==> flow/design.v <==
module mag_cmp #(
    parameter DW = 7
) (
    input  logic CLK,
    input  logic [DW-1:0] i_first,
    input  logic [DW-1:0] i_second,
    output logic o_lt,
    output logic o_a_eq_b,
    output logic o_greater
);
    logic [DW-1:0] first_s;
    logic [DW-1:0] second_s;
    always_ff @(posedge CLK) begin
        first_s <= i_first;
        second_s <= i_second;
    end
    localparam HW = DW / 2;
    logic lt_hi_s;
    logic eq_hi_s;
    logic lt_lo_s;
    logic eq_lo_s;
    logic lt_s;
    always_ff @(posedge CLK) begin
        lt_hi_s <= (first_s[DW-1:HW] < second_s[DW-1:HW]);
        eq_hi_s <= (first_s[DW-1:HW] == second_s[DW-1:HW]);
        lt_lo_s <= (first_s[HW-1:0] < second_s[HW-1:0]);
        eq_lo_s <= (first_s[HW-1:0] == second_s[HW-1:0]);
        lt_s <= lt_hi_s | (eq_hi_s & lt_lo_s);
    end
    assign o_lt = lt_s;
    logic a_eq_b_s;
    always_ff @(posedge CLK)
        a_eq_b_s <= eq_hi_s & eq_lo_s;
    assign o_a_eq_b = a_eq_b_s;
    logic greater_s;
    always_ff @(posedge CLK)
        greater_s <= ~(lt_hi_s | (eq_hi_s & (lt_lo_s | eq_lo_s)));
    assign o_greater = greater_s;
endmodule
# == Step by step through the tools: mag_cmp ==
# The steps from the RTL of mag_cmp to its reports follow in flow order.
# Line numbers count from 1 in the design file above.
# Library cell names are shortened.
# A cell with -- has no value.
# setup
design,mag_cmp
clock,CLK
cell_library,sky130hd
lib_corner,tt_025C_1v80

# == After elaboration ==
# Source: Yosys, flattened and elaborated, memories not mapped. Widths are those after wreduce; folded enables and synchronous resets count as part of the registers. Registers that Yosys merges into a memory's read port (data or address) are not register bits. Print and check cells do not count. Equal cells are merged and count once.
# word_totals
ff_bits,21
latchBits,0
ramBits,0
mem_bits_ro,0
clocked_rd_ports_x_width,0
n_memories,0
in_bits,15
out_inout_bits,3
wordCells,20
# op_classes
addsub,0
multipliers,0
n_div,0
compare,2
equal,2
n_shift,0
n_mux,0
n_logic,7
reduce_logical,0
# op_table
cell,n
4-bit < comparator,1
4-bit equality test,1
1-bit AND,3
1-bit OR,3
3-bit < comparator,1
3-bit equality test,1
1-bit NOT,1

# == Longest topological paths ==
# Depth = most cells in a row (Yosys ltp): at word level without a register or memory, in the mapped netlist without a sequential cell, where the memories' decode and read muxes count.
# depth
ltp_word,4
ABC_AREA,0
ltp_mapped,5
ltp_nobuf,5

# == After synthesis ==
# Yosys stat after the flow's synthesis: flattened, memories mapped to cells. It holds for the ABC_AREA given above (unset counts as 0); a run with the other value may have another netlist.
# mapped
mapped_cells,48
area_um2,611.8
seq_area_um2,420.4
ff_cells,21
n_buf,0
# by_type
type,n,area_total_um2
dfxtp_1,21,420.403
ha_1,7,87.584
inv_1,9,33.782
a21o_1,2,15.014
a21oi_1,2,10.01
a21oi_2,1,8.758
and4_1,1,8.758
o21a_1,1,7.507
and2_1,1,6.256
and3_1,1,6.256
nand2_1,1,3.754
nor2_1,1,3.754

# == Worst setup path after synthesis ==
# OpenSTA on the mapped netlist: ideal clock, no wires. The path of least setup slack (recovery checks aside). Input and output delay are each 20% of the period. Register names are those of the netlist, which keeps one name where synthesis merged equal registers.
# synth_path
kind,reg-to-reg
start,register second_s[1]
end,register lt_lo_s
clock_period_ns,1.15
setup_ns,0.066
launch_ns,0.000
t_arrival_ns,0.853
required_time_ns,1.084
path_slack_ns,0.231
path_delay_ns,0.919
stages,5
path_buffers,0
synth_period_reached_ns,0.919
# "path_delay_ns" is the arrival time less input delay plus setup time.
# "stages" counts driving pins, that of a launching flip-flop among them; a cell with two outputs on the path counts twice.
# "synth_period_reached_ns" = period - worst setup slack (recovery checks aside). The figure is calculated, with input and output delays left at 20% of the set period.
# The rows between start and end are the longest chain of elaborated cells between them; the timing report does not say that the signal goes this way. Where chains are equally long, one stands for them.
# Each line given opens the expression or statement behind the cell; cells for indexed reads and writes are added by Yosys, which also makes memories of some case tables.
# synth_between
cell_sequence,dfxtp_1 > inv_1 > ha_1 > a21o_1 > a21oi_2
elab_chain_cells,1
cells_between,1
lines_between,1
classes_between,compare (1)
# synth_lines
item,line_no,text
start: declaration,12,logic [DW-1:0] second_s;
start: assignment,15,second_s <= i_second;
3-bit < comparator,26,lt_lo_s <= (first_s[HW-1:0] < second_s[HW-1:0]);
end: assignment,26,
end: declaration,20,logic lt_lo_s;

# == Path in the finished layout ==
# From the final timing report of run A: the path of least setup slack in the routed layout; clock arrival at registers is part of the times.
# layout_path
kind,reg-to-reg
start,register second_s[5]
end,register lt_hi_s
clock_period_ns,0.921
setup_ns,0.09
launch_ns,0.29
t_arrival_ns,1.14
required_time_ns,1.13
path_slack_ns,-0.01
stages,5
path_buffers,0
# The rows between start and end are the longest chain of elaborated cells between them; the timing report does not say that the signal goes this way. Where chains are equally long, one stands for them.
# layout_between
cell_sequence,dfxtp_2 > inv_2 > ha_4 > nand2_2 > o21a_1
elab_chain_cells,1
cells_between,1
lines_between,1
classes_between,compare (1)
# layout_lines
item,line_no,text
start: declaration,12,logic [DW-1:0] second_s;
start: assignment,15,second_s <= i_second;
4-bit < comparator,24,lt_hi_s <= (first_s[DW-1:HW] < second_s[DW-1:HW]);
end: assignment,24,
end: declaration,18,logic lt_hi_s;

# Top module mag_cmp; platform sky130hd; tools Yosys and OpenROAD; 3 stored runs in no particular order. Input and output delays are each 20% of the period that was set; the output load is 0.01 pF.
# "achieved_clock_period_ns" = clock period - worst setup slack. The figure is calculated, with input and output delays left at 20% of the set period.
# By "worst_path_allowed_less_slack_ns" is meant the share of the clock period that the worst setup path is allowed (20% is reserved at inputs, 20% at outputs), minus its slack. Clock arrival times at its registers enter into it.
# "totalPower_mw" rests on the timing tool's default activity at the inputs, not on a simulated workload.
# A setting shown as n/a is not set for that run.
# A result given as n/a is not shown for that run.
stored run,period_ns,CORE_UTILIZATION,PLACE_DENSITY,CTS_CLUSTER_SIZE,CAP_MARGIN,CORE_MARGIN,SLEW_MARGIN,SETUP_SLACK_MARGIN,PLACE_DENSITY_LB_ADDON,HOLD_SLACK_MARGIN,CORE_ASPECT_RATIO,CELL_PAD_IN_SITES_DETAIL_PLACEMENT,TNS_END_PERCENT,GPL_TIMING_DRIVEN,CTS_CLUSTER_DIAMETER,MIN_ROUTING_LAYER,synthArea_um2,timing.hold.ws_ns,final_stdcell_area_um2,fin_ws_ns,final_setup_tns_ns,totalPower_mw,fin_util_pct,die_um2,worst_path_allowed_less_slack_ns,worst_setup_path_type,achieved_clock_period_ns
run A,0.921,26,0.66,24,0,2,20,n/a,n/a,n/a,n/a,n/a,n/a,n/a,n/a,n/a,611.8,0.314,905.9,-0.012,-0.012,1.592,41.0,2757.3,0.93,reg-to-reg,0.933
run B,1.15,40,n/a,n/a,20,2,20,n/a,n/a,n/a,n/a,n/a,n/a,n/a,n/a,n/a,611.8,0.360,824.5,0.051,0.000,1.254,56.0,1858.5,0.87,reg-to-output,1.099
run C,1.38,56,n/a,n/a,35,2,0,0.21,0.23,0.25,0.58,0,65,0,322,met2,n/a,n/a,n/a,n/a,n/a,n/a,n/a,n/a,n/a,n/a,n/a
# Run C: no results, floorplanning failed with PDN-0185
